==> flow/design.v <==
module u_arith_blk #(
    parameter BITS = 40
) (
    input wire aclk,
    input wire signed [BITS-1:0] src1,
    input wire signed [BITS-1:0] src2,
    input wire sub,
    output reg [BITS-1:0] q,
    output reg co
);
    reg signed [BITS-1:0] src1_r;
    reg signed [BITS-1:0] src2_r;
    reg sub_r;
    always @(posedge aclk) begin
        src1_r <= src1;
        src2_r <= src2;
        sub_r <= sub;
    end
    wire [BITS-1:0] t2 = src2_r ^ {BITS{sub_r}};
    wire [BITS-1:0] nxt = $unsigned(src1_r) + t2 + sub_r;
    always @(posedge aclk) begin
        q <= nxt[BITS-1:0];
        co <= (src1_r[BITS-1] == t2[BITS-1]) && (nxt[BITS-1] != src1_r[BITS-1]);
    end
endmodule
# Tool chain data of u_arith_blk
# What the tools print for u_arith_blk, step after step.
# Line numbers count from 1 in the design file above.
# Operators carry their Yosys type and port widths (W data, S select, Z words).
# Cell names lack the library's common part.
# Not given: -
# design
top,u_arith_blk
clock,aclk
library,sky130hd
pvt_corner,tt_025C_1v80

# Word-level counts
# Source: Yosys, flattened and elaborated, memories not mapped. Widths are those after wreduce; folded enables and synchronous resets count as part of the registers. Registers that Yosys merges into a memory's read port (data or address) are not register bits. Print and check cells do not count. Equal cells are merged and count once.
# bits
elab_cells,11
input_bits,82
out_inout_bits,41
register_bits,122
# op_classes
bitwise,1
addsub,2
eq_ne,2
reduce_logical,1
# ops
op,n
$add A40 B1 Y40,1
$add A40 B40 Y40,1
$xor A40 B40 Y40,1
$eq A1 B1 Y1,1
$ne A1 B1 Y1,1
$logic_and A1 B1 Y1,1

# Depth
# Longest topological path by Yosys (ltp), each cell counted once; first at word level (registers and memories cut), then after technology mapping (sequential cells cut; the memories' decode and read muxes count).
# depth
depth_word,5
ABC_AREA,0
mapped_depth,14
mapped_depth_nobuf,11

# Netlist
# Source: synth_stat.txt of the flow (Yosys; design flattened, memories mapped). It holds for the ABC_AREA given above (unset counts as 0); a run with the other value may have another netlist.
# by_type
type,n,area_total_um2
dfxtp_1,122,2.44E+03
ha_1,38,475.456
xor2_1,47,411.645
xnor2_1,23,201.443
a21oi_1,31,155.149
a21o_1,20,150.144
nand2_1,27,101.347
o21ai_0,18,90.086
nor2_1,22,82.579
nand3_1,11,55.053
inv_1,14,52.55
nor3_1,8,40.038
nand2b_1,6,37.536
and4_1,4,35.034
o311ai_0,4,35.034
a31oi_1,5,31.28
nor2b_1,5,31.28
o21a_1,4,30.029
# Other cell types: 39; their cells: 71.
# synth_totals
cell_count,480
buffers,9
yosys_area_mm2,0.0050236
ffs,122
sequential_area_mm2,0.0024423

# Worst setup path after synthesis
# OpenSTA on the mapped netlist: ideal clock, no wires. The path of least setup slack (recovery checks aside). Input and output delay are each 20% of the period. Register names are those of the netlist, which keeps one name where synthesis merged equal registers.
# synth_path
kind,flip-flop to flip-flop
start,register sub_r
end,register q[33]
setup_time_ns,0.116
clock_period_ns,4.41
path_stages,14
required_time_ns,4.294
path_slack_ns,0.878
arrival_ns,3.415
path_buffers,3
t_first_pin_ns,0.000
delay_ns,3.531
period_less_setup_slack_ns,3.532
# "delay_ns" = arrival - input delay + setup time.
# "path_stages" counts driving pins, that of a launching flip-flop among them; a cell with two outputs on the path counts twice.
# "period_less_setup_slack_ns" = period - worst setup slack (recovery checks aside). The figure is calculated, with input and output delays left at 20% of the set period.
# The rows between start and end are the longest chain of elaborated cells between them; the timing report does not say that the signal goes this way. Where chains are equally long, one stands for them.
# Each line given opens the expression or statement behind the cell; cells for indexed reads and writes are added by Yosys, which also makes memories of some case tables.
# synth_between
path_cell_list,dfxtp_1 clkbuf_1 buf_1 clkbuf_1 xor2_1 ha_1 a21o_1 a21o_1 a221oi_2 a21oi_2 o31ai_4 o21ai_2 or4_1 and4_1
elab_chain_len,3
cells_between,3
cone_lines,2
classes_between,add/sub: 2; logic: 1
# synth_rtl
element,line,source
"start, declared",13,reg sub_r;
"start, assigned",17,sub_r <= sub;
$xor A40 B40 Y40,19,wire [BITS-1:0] t2 = src2_r ^ {BITS{sub_r}};
$add A40 B40 Y40,20,wire [BITS-1:0] nxt = $unsigned(src1_r) + t2 + sub_r;
$add A40 B1 Y40,20,
"end, assigned",22,q <= nxt[BITS-1:0];
"end, declared",8,"output reg [BITS-1:0] q,"

# Path in the finished layout
# From the final timing report of stored run 1: the path of least setup slack in the routed layout; clock arrival at registers is part of the times.
# layout_path
kind,flip-flop to flip-flop
start,register sub_r
end,register q[38]
path_buffers,0
setup_time_ns,0.11
path_slack_ns,0.94
arrival_ns,3.77
required_time_ns,4.71
t_first_pin_ns,0.41
clock_period_ns,4.41
path_stages,12
# The rows between start and end are the longest chain of elaborated cells between them; the timing report does not say that the signal goes this way. Where chains are equally long, one stands for them.
# layout_between
path_cell_list,dfxtp_2 xor2_1 inv_1 fa_1 nor2b_1 o211ai_1 a21boi_1 o211ai_1 a41oi_2 a41o_1 nor2_1 o311a_1
elab_chain_len,3
cells_between,3
cone_lines,2
classes_between,add/sub: 2; logic: 1
# layout_rtl
element,line,source
"start, declared",13,reg sub_r;
"start, assigned",17,sub_r <= sub;
$xor A40 B40 Y40,19,wire [BITS-1:0] t2 = src2_r ^ {BITS{sub_r}};
$add A40 B40 Y40,20,wire [BITS-1:0] nxt = $unsigned(src1_r) + t2 + sub_r;
$add A40 B1 Y40,20,
"end, assigned",22,q <= nxt[BITS-1:0];
"end, declared",8,"output reg [BITS-1:0] q,"

# Design u_arith_blk on sky130hd. What follows are 3 stored runs of the flow, each under its own settings; their order means nothing. The constraints put input and output delay at 20% of the set period each and load the outputs with 0.01 pF.
# "achieved_clock_period_ns" = clock period - worst setup slack. The figure is calculated, with input and output delays left at 20% of the set period.
# By "worst_setup_path_time_ns" is meant the share of the clock period that the worst setup path is allowed (20% is reserved at inputs, 20% at outputs), minus its slack. Clock arrival times at its registers enter into it.
# By "power.total_uw" is meant OpenSTA's value without simulated activity: inputs other than the clock are taken to toggle once in ten clock periods, and the tool carries that through the logic.
# Settings: -- = not set for that run.
name,stored run 1,stored run 2,stored run 3
period_ns,4.41,4.94,3.29
CAP_MARGIN,20,40,20
CORE_MARGIN,2,2,5
CORE_UTILIZATION,40,24,38
SLEW_MARGIN,20,15,20
SETUP_SLACK_MARGIN,--,-0.33,--
PLACE_DENSITY_LB_ADDON,--,0.08,0.22
TNS_END_PERCENT,--,5,--
GPL_ROUTABILITY_DRIVEN,--,1,1
MIN_ROUTING_LAYER,--,met2,--
MAX_ROUTING_LAYER,--,met5,--
CTS_CLUSTER_SIZE,--,--,11
final_stdcell_area_mm2,0.0070155,0.0071469,0.0071581
power.total_uw,3567,3234,4883
achieved_clock_period_ns,3.474,3.620,3.132
yosys_chip_area_mm2,0.0050236,0.0050236,0.0050236
ws_hold_ns,0.482,0.476,0.466
design.die.area_mm2,0.0134711,0.0221043,0.0156188
worst_setup_path_time_ns,3.47,3.62,3.13
path_kind,flip-flop to flip-flop,flip-flop to flip-flop,flip-flop to flip-flop
tns_setup_ns,0.000,0.000,0.000
setup_ws_ns,0.936,1.320,0.158
